==> flow/design.v <==
module cmp_unit_p #(
   parameter W = 80
) (
   input wire clk,
   input wire adv,
   input wire [W-1:0] a,
   input wire [W-1:0] b,
   output reg a_gt_b,
   output reg lt
);
   reg [W-1:0] a_d1;
   reg [W-1:0] b_d1;
   always @(posedge clk) begin
      if (adv) begin
         a_d1 <= a;
         b_d1 <= b;
      end
   end
   reg g;
   reg l;
   integer k;
   always @(*) begin
      g = 1'b0;
      l = 1'b0;
      for (k = W-1; k >= 0; k = k - 1) begin
         if (!g && !l) begin
            g = a_d1[k] & ~b_d1[k];
            l = ~a_d1[k] & b_d1[k];
         end
      end
   end
   always @(posedge clk) begin
      if (adv) begin
         a_gt_b <= g;
         lt <= l;
      end
   end
endmodule
; Step by step through the tools: cmp_unit_p
; The steps from the RTL of cmp_unit_p to its reports follow in flow order.
; Lines are those of the file above, counted from 1.
; Library cell names are shortened.
; A cell with n/a has no value.
[design]
top = cmp_unit_p
clk_port = clk
library = sky130hd
lib_corner = tt_025C_1v80

; Elaborated design
; Source: Yosys, flattened and elaborated, memories not mapped. Widths are those after wreduce; folded enables and synchronous resets count as part of the registers. Registers that Yosys merges into a memory's read port (data or address) are not register bits. Print and check cells do not count. Equal cells are merged and count once.
[op_classes]
n_mux = 158
logic = 320
reduce_logical = 237
[op_table]
columns = op, n
row1 = 1-bit AND, 160
row2 = 1-bit inverter, 160
row3 = 1-bit logical NOT, 158
row4 = 1-bit two-way mux, 158
row5 = 1-bit logical AND, 79
[word_totals]
register_bits = 162
elab_cells = 719

; Depth
; Depth = most cells in a row (Yosys ltp): at word level without a register or memory, in the mapped netlist without a sequential cell, where the memories' decode and read muxes count.
[logic_depth]
depth_word = 239
ABC_AREA = 1
mapped_depth = 161
ltp_nobuf = 161

; Netlist
; The flow's flattened synthesis, as Yosys stat reports it; memories are mapped. The netlist is that of the ABC_AREA named above (0 if unset); the other value can give another one.
[by_type]
columns = type, n
row1 = edfxtp_1, 162
row2 = nand3_1, 158
row3 = inv_1, 163
row4 = nand2_1, 160
row5 = nor2_1, 156
row6 = inv_2, 154
row7 = ha_1, 2
[mapped]
cells = 955
yosys_area_um2 = 8056.5
sequential_area_um2 = 4864.7
ff_cells = 162
n_buf = 0

; Path before layout
; Path of least setup slack by OpenSTA after synthesis, without wires, with an ideal clock, recovery checks aside; 20% of the period is set as input and as output delay. Where synthesis merged equal registers, the netlist keeps one of their names.
[synth_timing]
path_type = register to register
startpoint = register b_d1[79]
endpoint = register lt
tclk_ps = 3190
setup_time_ps = 253
arrival_ps = 8566
t_required_ps = 2937
setup_slack_ps = -5629
delay_ps = 8819
driving_pins = 161
n_path_buf = 0
synth_period_reached_ps = 8819
; "delay_ps" is the arrival time less input delay plus setup time.
; "driving_pins": output pins that drive a net of the path, with the launching flip-flop's if there is one; two outputs of one cell count as two.
; "synth_period_reached_ps" is the clock period less the worst setup slack; recovery checks do not enter. This is arithmetic on one report: input and output delays are still those of the set period (20% each).
; The rows between start and end are the longest chain of elaborated cells between them; the timing report does not say that the signal goes this way. Where chains are equally long, one stands for them.
; Each line given opens the expression or statement behind the cell; cells for indexed reads and writes are added by Yosys, which also makes memories of some case tables.
[synth_via]
cell_sequence = edfxtp_1 > ha_1 > inv_1 > nand2_1 > nand2_1 > inv_2 > nand2_1 > inv_2 > nand2_1 > inv_2 > nand2_1 > inv_2 > nand2_1 > inv_2 > nand2_1 > inv_2 > nand2_1 > inv_2 > [125 not listed] > inv_2 > nand2_1 > inv_2 > nand2_1 > inv_2 > nand2_1 > inv_2 > nand2_1 > inv_2 > nand2_1 > inv_2 > nand2_1 > inv_2 > nand2_1 > inv_2 > nand2_1 > inv_1 > nand2_1
elab_chain_cells = 239
[synth_lines]
columns = element, line
row1 = from (decl), 12  ; reg [W-1:0] b_d1;
row2 = from (assign), 16  ; b_d1 <= b;
row3 = 1-bit inverter, 27  ; g = a_d1[k] & ~b_d1[k];
row4 = 1-bit AND, 27
row5 = 1-bit logical NOT, 26  ; if (!g && !l) begin
row6 = 1-bit logical AND, 26
row7 = 1-bit two-way mux, 26
row8 = 1-bit logical NOT, 26
row9 = 1-bit logical AND, 26
row10 = [225 not listed], n/a
row11 = 1-bit two-way mux, 26
row12 = 1-bit logical NOT, 26
row13 = 1-bit logical AND, 26
row14 = 1-bit two-way mux, 26
row15 = 1-bit logical NOT, 26
row16 = 1-bit logical AND, 26
row17 = 1-bit two-way mux, 26
row18 = to (assign), 35  ; lt <= l;
row19 = to (decl), 9  ; output reg lt

; Timing after layout
; From the final timing report of run 1: the path of least setup slack in the routed layout; clock arrival at registers is part of the times.
; The path's times are printed in steps of 10 ps; the period is the one set.
[layout_timing]
path_type = register to register
startpoint = register b_d1[79]
endpoint = register lt
tclk_ps = 3980
setup_time_ps = 240
arrival_ps = 10290
t_required_ps = 4160
setup_slack_ps = -6120
driving_pins = 143
n_path_buf = 0
; The rows between start and end are the longest chain of elaborated cells between them; the timing report does not say that the signal goes this way. Where chains are equally long, one stands for them.
[layout_via]
cell_sequence = edfxtp_1 > ha_4 > inv_2 > nand2_2 > nand2_2 > inv_2 > nand3_2 > nand3_2 > nand2_2 > inv_2 > nand2_2 > inv_2 > nand2_2 > inv_2 > nand2_2 > inv_2 > nand3_2 > nand3_2 > [107 not listed] > inv_2 > nand3_2 > nand2_2 > inv_2 > nand3_2 > nand2_2 > inv_2 > nand2_2 > inv_2 > nand2_2 > inv_2 > nand2_2 > inv_2 > nand2_2 > inv_2 > nand2_1 > inv_1 > nand2_1
elab_chain_cells = 239
[layout_lines]
columns = element, line
row1 = from (decl), 12  ; reg [W-1:0] b_d1;
row2 = from (assign), 16  ; b_d1 <= b;
row3 = 1-bit inverter, 27  ; g = a_d1[k] & ~b_d1[k];
row4 = 1-bit AND, 27
row5 = 1-bit logical NOT, 26  ; if (!g && !l) begin
row6 = 1-bit logical AND, 26
row7 = 1-bit two-way mux, 26
row8 = 1-bit logical NOT, 26
row9 = 1-bit logical AND, 26
row10 = [225 not listed], n/a
row11 = 1-bit two-way mux, 26
row12 = 1-bit logical NOT, 26
row13 = 1-bit logical AND, 26
row14 = 1-bit two-way mux, 26
row15 = 1-bit logical NOT, 26
row16 = 1-bit logical AND, 26
row17 = 1-bit two-way mux, 26
row18 = to (assign), 35  ; lt <= l;
row19 = to (decl), 9  ; output reg lt

3 stored runs of cmp_unit_p in the flow (synthesis by Yosys, layout by OpenROAD, sky130hd cells), in arbitrary order. Constraints: input delay and output delay 20% of the set period each, output load 0.01 pF.
"period_reached_ps": clock period set for the run, less the worst setup slack. It is reckoned from that one timing run; input and output delays stay at 20% of the period that was set.
"worstPathTime_ps" = time allowed to the worst setup path (clock period - input delay - output delay, where it has them) - its slack; a late launch clock adds to it, a late capture clock takes from it.
"power_uw" is the tool's figure for a default switching activity; nothing was simulated.
"worstPathTime_ps" is known to 10 ps.

# run 1
==> flow/run.sh <==
#!/bin/bash
# the make line also repeats the synthesis and layout settings of config.mk as NAME=value (left out here)
make -C /OpenROAD-flow-scripts/flow DESIGN_CONFIG=/design/flow/config.mk WORK_HOME=/design/flow/orfs CLKGATE_MAP_FILE= finish
==> flow/config.mk <==
export PLATFORM = sky130hd
export DESIGN_NAME = cmp_unit_p
export DESIGN_NICKNAME = cmp_unit_p
export VERILOG_FILES = /design/flow/design.v
export SDC_FILE = /design/flow/constraint.sdc
export NUM_CORES = 4
export LEC_CHECK = 0
export ABC_AREA = 1
export CAP_MARGIN = 0
export CORE_MARGIN = 2
export CORE_UTILIZATION = 51
export CTS_CLUSTER_DIAMETER = 141
export GPL_ROUTABILITY_DRIVEN = 0
export MAX_ROUTING_LAYER = met4
export PLACE_DENSITY = 0.65
export SETUP_SLACK_MARGIN = 0.19
export SLEW_MARGIN = 20
==> flow/constraint.sdc <==
create_clock -name core_clock -period 3.98 [get_ports {clk}]
set_input_delay 0.7960 -clock core_clock [delete_from_list [all_inputs] [get_ports {clk}]]
set_output_delay 0.7960 -clock core_clock [all_outputs]
set_load 0.01 [all_outputs]

==> run 1: results <==
ys_area_um2=8056.5
design.die.area_um2=16818.2
post_route_stdcell_area_um2=11835.1
post_route_util_pct=77.3
worstSetupSlack_ps=-6125
setupTns_ps=-12250
hold_ws_ps=692
power_uw=5252
period_reached_ps=10105
worstPathTime_ps=10100
timing.worst_path_kind="register to register"

# run 2
==> flow/run.sh <==
#!/bin/bash
# the make line also repeats the synthesis and layout settings of config.mk as NAME=value (left out here)
make -C /OpenROAD-flow-scripts/flow DESIGN_CONFIG=/design/flow/config.mk WORK_HOME=/design/flow/orfs CLKGATE_MAP_FILE= finish
==> flow/config.mk <==
export PLATFORM = sky130hd
export DESIGN_NAME = cmp_unit_p
export DESIGN_NICKNAME = cmp_unit_p
export VERILOG_FILES = /design/flow/design.v
export SDC_FILE = /design/flow/constraint.sdc
export NUM_CORES = 4
export LEC_CHECK = 0
export ABC_AREA = 0
export CAP_MARGIN = 20
export CORE_MARGIN = 7
export CORE_UTILIZATION = 64
export CTS_CLUSTER_DIAMETER = 120
export GPL_TIMING_DRIVEN = 0
export PLACE_DENSITY_LB_ADDON = 0.29
export SETUP_SLACK_MARGIN = 0.45
export SLEW_MARGIN = 20
export TNS_END_PERCENT = 70
==> flow/constraint.sdc <==
create_clock -name core_clock -period 4.96 [get_ports {clk}]
set_input_delay 0.9920 -clock core_clock [delete_from_list [all_inputs] [get_ports {clk}]]
set_output_delay 0.9920 -clock core_clock [all_outputs]
set_load 0.01 [all_outputs]

==> run 2: results <==
ys_area_um2=6925.4
design.die.area_um2=13929.9
post_route_stdcell_area_um2=9350.2
post_route_util_pct=89.8
worstSetupSlack_ps=2005
setupTns_ps=0
hold_ws_ps=939
power_uw=3484
period_reached_ps=2955
worstPathTime_ps=2960
timing.worst_path_kind="register to register"

# run 3
==> flow/run.sh <==
#!/bin/bash
# the make line also repeats the synthesis and layout settings of config.mk as NAME=value (left out here)
make -C /OpenROAD-flow-scripts/flow DESIGN_CONFIG=/design/flow/config.mk WORK_HOME=/design/flow/orfs CLKGATE_MAP_FILE= finish
==> flow/config.mk <==
export PLATFORM = sky130hd
export DESIGN_NAME = cmp_unit_p
export DESIGN_NICKNAME = cmp_unit_p
export VERILOG_FILES = /design/flow/design.v
export SDC_FILE = /design/flow/constraint.sdc
export NUM_CORES = 4
export LEC_CHECK = 0
export CAP_MARGIN = 20
export CORE_MARGIN = 2
export CORE_UTILIZATION = 40
export SLEW_MARGIN = 20
==> flow/constraint.sdc <==
create_clock -name core_clock -period 3.19 [get_ports {clk}]
set_input_delay 0.6380 -clock core_clock [delete_from_list [all_inputs] [get_ports {clk}]]
set_output_delay 0.6380 -clock core_clock [all_outputs]
set_load 0.01 [all_outputs]

==> run 3: results <==
ys_area_um2=6925.4
design.die.area_um2=18381.9
post_route_stdcell_area_um2=9439.0
post_route_util_pct=55.1
worstSetupSlack_ps=376
setupTns_ps=0
hold_ws_ps=747
power_uw=5214
period_reached_ps=2814
worstPathTime_ps=2810
timing.worst_path_kind="register to register"
